==> flow/design.v <==
module mag_cmp #(
    parameter DW = 80
) (
    input  logic CLK,
    input  logic [DW-1:0] i_first,
    input  logic [DW-1:0] i_second,
    output logic o_lt,
    output logic o_a_eq_b,
    output logic o_greater
);
    logic [DW-1:0] first_s;
    logic [DW-1:0] second_s;
    always_ff @(posedge CLK) begin
        first_s <= i_first;
        second_s <= i_second;
    end
    localparam HW = DW / 2;
    logic lt_hi_s;
    logic eq_hi_s;
    logic lt_lo_s;
    logic eq_lo_s;
    logic lt_s;
    always_ff @(posedge CLK) begin
        lt_hi_s <= (first_s[DW-1:HW] < second_s[DW-1:HW]);
        eq_hi_s <= (first_s[DW-1:HW] == second_s[DW-1:HW]);
        lt_lo_s <= (first_s[HW-1:0] < second_s[HW-1:0]);
        eq_lo_s <= (first_s[HW-1:0] == second_s[HW-1:0]);
        lt_s <= lt_hi_s | (eq_hi_s & lt_lo_s);
    end
    assign o_lt = lt_s;
    logic a_eq_b_s;
    always_ff @(posedge CLK)
        a_eq_b_s <= eq_hi_s & eq_lo_s;
    assign o_a_eq_b = a_eq_b_s;
    logic greater_s;
    always_ff @(posedge CLK)
        greater_s <= ~(lt_hi_s | (eq_hi_s & (lt_lo_s | eq_lo_s)));
    assign o_greater = greater_s;
endmodule
== Step by step through the tools: mag_cmp ==
The steps from the RTL of mag_cmp to its reports follow in flow order.
Line numbers count from 1 in the design file above.
Operators carry their Yosys type and port widths (W data, S select, Z words).
Library cell names are shortened.
Not given: --

* Design top: mag_cmp
* Clock: CLK
* Cell library: sky130hd
* Timing corner: tt_025C_1v80

== Word-level counts ==
Source: Yosys, flattened and elaborated, memories not mapped. Widths are those after wreduce; folded enables and synchronous resets count as part of the registers. Registers that Yosys merges into a memory's read port (data or address) are not register bits. Print and check cells do not count. Equal cells are merged and count once.

* Clocked read ports x word width: 0
* Word-level cells: 20
* Memories: 0
* Bits in latches: 0
* ROM bits: 0
* Output and inout bits: 3
* RAM bits: 0
* Flip-flop bits (word level): 167
* Bits of input ports: 161

* $lt $le $gt $ge: 2
* Divide/modulo/power cells: 0
* Multiply operators: 0
* Shifts and indexed selects: 0
* Bitwise logic cells: 7
* Reduce/logical cells: 0
* Add/sub/neg operators: 0
* Equal/unequal tests: 2
* Mux-type cells: 0

{| class="wikitable"
|+ Operator list
! operator !! number
|-
| $lt A40 B40 Y1 || 2
|-
| $eq A40 B40 Y1 || 2
|-
| $and A1 B1 Y1 || 3
|-
| $or A1 B1 Y1 || 3
|-
| $not A1 Y1 || 1
|}

== Longest topological paths ==
Depth = most cells in a row (Yosys ltp): at word level without a register or memory, in the mapped netlist without a sequential cell, where the memories' decode and read muxes count.

* Word-level depth: 4
* ABC_AREA: 0
* Depth in mapped cells: 7
* Gate-level depth less buffers: 7

== After synthesis ==
Yosys stat after the flow's synthesis: flattened, memories mapped to cells. It holds for the ABC_AREA given above (unset counts as 0); a run with the other value may have another netlist.

{| class="wikitable"
|+ Cells by type
! type !! number !! total area (um^2)
|-
| dfxtp_1 || 167 || 3.34E+03
|-
| ha_1 || 80 || 1,000.96
|-
| inv_1 || 82 || 307.795
|-
| a21oi_1 || 31 || 155.149
|-
| nand4_1 || 15 || 93.84
|-
| nand2_1 || 18 || 67.565
|-
| nand3_1 || 12 || 60.058
|-
| nor2_1 || 14 || 52.55
|-
| o21ai_0 || 8 || 40.038
|-
| a21o_1 || 5 || 37.536
|-
| nor3_1 || 6 || 30.029
|-
| a221oi_1 || 3 || 26.275
|-
| and4_1 || 3 || 26.275
|-
| o21a_1 || 3 || 22.522
|-
| nor4_1 || 3 || 18.768
|-
| o31ai_1 || 2 || 15.014
|-
| nand2b_1 || 2 || 12.512
|-
| a221o_1 || 1 || 10.01
|}

Other cell types: 10; their cells: 10.

* Mapped area: 5,401.4 um^2
* Sequential part of the area: 3,343.2 um^2
* Cells in the netlist: 465
* Flip-flop cells: 167
* Buffer cells: 0

== Worst setup path after synthesis ==
Source: OpenSTA report_checks on the synthesized netlist (no wires, ideal clock, input and output delay 20% of the period each), path of least setup slack; recovery checks are left aside. Register names are those of the netlist, which keeps one name where synthesis merged equal registers.

* Kind: flip-flop to flip-flop
* From: register second_s[78]
* To: register lt_hi_s
* Launch time at the first pin: 0.000 ns
* Stages: 8
* Setup time: 0.078 ns
* Data required time: 1.932 ns
* Clock period: 2.01 ns
* Data arrival time: 1.532 ns
* Path delay: 1.610 ns
* Buffers on the path: 0
* Slack: 0.400 ns
* Synthesis period reached: 1.61 ns

"path delay" is the arrival time less input delay plus setup time.
"stages" counts driving pins, that of a launching flip-flop among them; a cell with two outputs on the path counts twice.
"synthesis period reached" = period - worst setup slack (recovery checks aside). The figure is calculated, with input and output delays left at 20% of the set period.
Between the ends stands the longest chain of elaborated cells between them, by number of cells; it is not shown to be the way that was timed. Of several equally long chains one is given.
Each line given opens the expression or statement behind the cell; cells for indexed reads and writes are added by Yosys, which also makes memories of some case tables.

* Cells stage by stage: dfxtp_1 > inv_1 > ha_1 > a21oi_1 > nand2_1 > a221o_1 > a211o_1 > nor3_1
* Cells in the longest elaborated chain: 1
* Elaborated cells on any way between the ends: 1
* Source lines of those cells: 1

{| class="wikitable"
|+ RTL lines, path after synthesis
! element !! line !! RTL
|-
| from (decl) || 12 || <nowiki>logic [DW-1:0] second_s;</nowiki>
|-
| from (assign) || 15 || <nowiki>second_s <= i_second;</nowiki>
|-
| $lt A40 B40 Y1 || 24 || <nowiki>lt_hi_s <= (first_s[DW-1:HW] < second_s[DW-1:HW]);</nowiki>
|-
| to (assign) || 24 ||
|-
| to (decl) || 18 || <nowiki>logic lt_hi_s;</nowiki>
|}

== Worst path after layout ==
From the final timing report of run A: the path of least setup slack in the routed layout; clock arrival at registers is part of the times.

* Kind: flip-flop to flip-flop
* From: register second_s[22]
* To: register lt_lo_s
* Slack: 0.21 ns
* Data required time: 2.30 ns
* Buffers on the path: 0
* Clock period: 2.01 ns
* Data arrival time: 2.09 ns
* Launch time at the first pin: 0.42 ns
* Stages: 8
* Setup time: 0.12 ns

Between the ends stands the longest chain of elaborated cells between them, by number of cells; it is not shown to be the way that was timed. Of several equally long chains one is given.

* Cells stage by stage: dfxtp_1 > inv_1 > ha_1 > nand4_1 > nor3_2 > nand3_1 > a2111oi_0 > nor3_1
* Cells in the longest elaborated chain: 1
* Elaborated cells on any way between the ends: 1
* Source lines of those cells: 1

{| class="wikitable"
|+ RTL lines, path after layout
! element !! line !! RTL
|-
| from (decl) || 12 || <nowiki>logic [DW-1:0] second_s;</nowiki>
|-
| from (assign) || 15 || <nowiki>second_s <= i_second;</nowiki>
|-
| $lt A40 B40 Y1 || 26 || <nowiki>lt_lo_s <= (first_s[HW-1:0] < second_s[HW-1:0]);</nowiki>
|-
| to (assign) || 26 ||
|-
| to (decl) || 20 || <nowiki>logic lt_lo_s;</nowiki>
|}

Hand-over note for mag_cmp

Below are 2 stored runs of the flow (Yosys, OpenROAD; platform sky130hd) on mag_cmp, each with its settings and what was measured, unordered. Constraints: input delay and output delay 20% of the set period each, output load 0.01 pF.
"achieved period" = clock period - worst setup slack. The figure is calculated, with input and output delays left at 20% of the set period.
"allowed time less slack (worst setup path)" = time allowed to the worst setup path (clock period - input delay - output delay, where it has them) - its slack; a late launch clock adds to it, a late capture clock takes from it.
By "total power after layout" is meant OpenSTA's value without simulated activity: inputs other than the clock are taken to toggle once in ten clock periods, and the tool carries that through the logic.

=== Run A ===
{| class="wikitable"
! Setting !! Value
|-
| period_ns || 2.01
|-
| CAP_MARGIN || 20
|-
| CORE_MARGIN || 2
|-
| CORE_UTILIZATION || 40
|-
| SLEW_MARGIN || 20
|-
! Result !! Value
|-
| Standard-cell area after layout || 7,842.5 um^2
|-
| Achieved period || 1.796 ns
|-
| Total power after layout || 0.00736 W
|-
| Sum of negative setup slack || 0.000 ns
|-
| Smallest hold slack || 0.417 ns
|-
| Allowed time less slack (worst setup path) || 1.80 ns
|-
| Worst path kind || flip-flop to flip-flop
|-
| Die area || 14,449.2 um^2
|-
| Worst setup slack after layout || 0.214 ns
|-
| Final design utilization || 0.595
|-
| Mapped cell area after synthesis || 5,401.4 um^2
|}

=== Run B ===
{| class="wikitable"
! Setting !! Value
|-
| period_ns || 2.02
|-
| CORE_UTILIZATION || 61
|-
| PLACE_DENSITY || 0.7
|-
| HOLD_SLACK_MARGIN || 0.24
|-
| CORE_MARGIN || 2
|-
| GPL_TIMING_DRIVEN || 0
|-
| CTS_CLUSTER_DIAMETER || 307
|-
| CAP_MARGIN || 35
|-
| SLEW_MARGIN || 20
|-
! Result !! Value
|-
| Standard-cell area after layout || 7,744.9 um^2
|-
| Smallest hold slack || 0.298 ns
|-
| Achieved period || 1.979 ns
|-
| Sum of negative setup slack || 0.000 ns
|-
| Final design utilization || 0.897
|-
| Mapped cell area after synthesis || 5,401.4 um^2
|-
| Allowed time less slack (worst setup path) || 1.98 ns
|-
| Worst path kind || flip-flop to flip-flop
|-
| Worst setup slack after layout || 0.041 ns
|-
| Die area || 9,623.6 um^2
|-
| Total power after layout || 0.00732 W
|}

End of note.
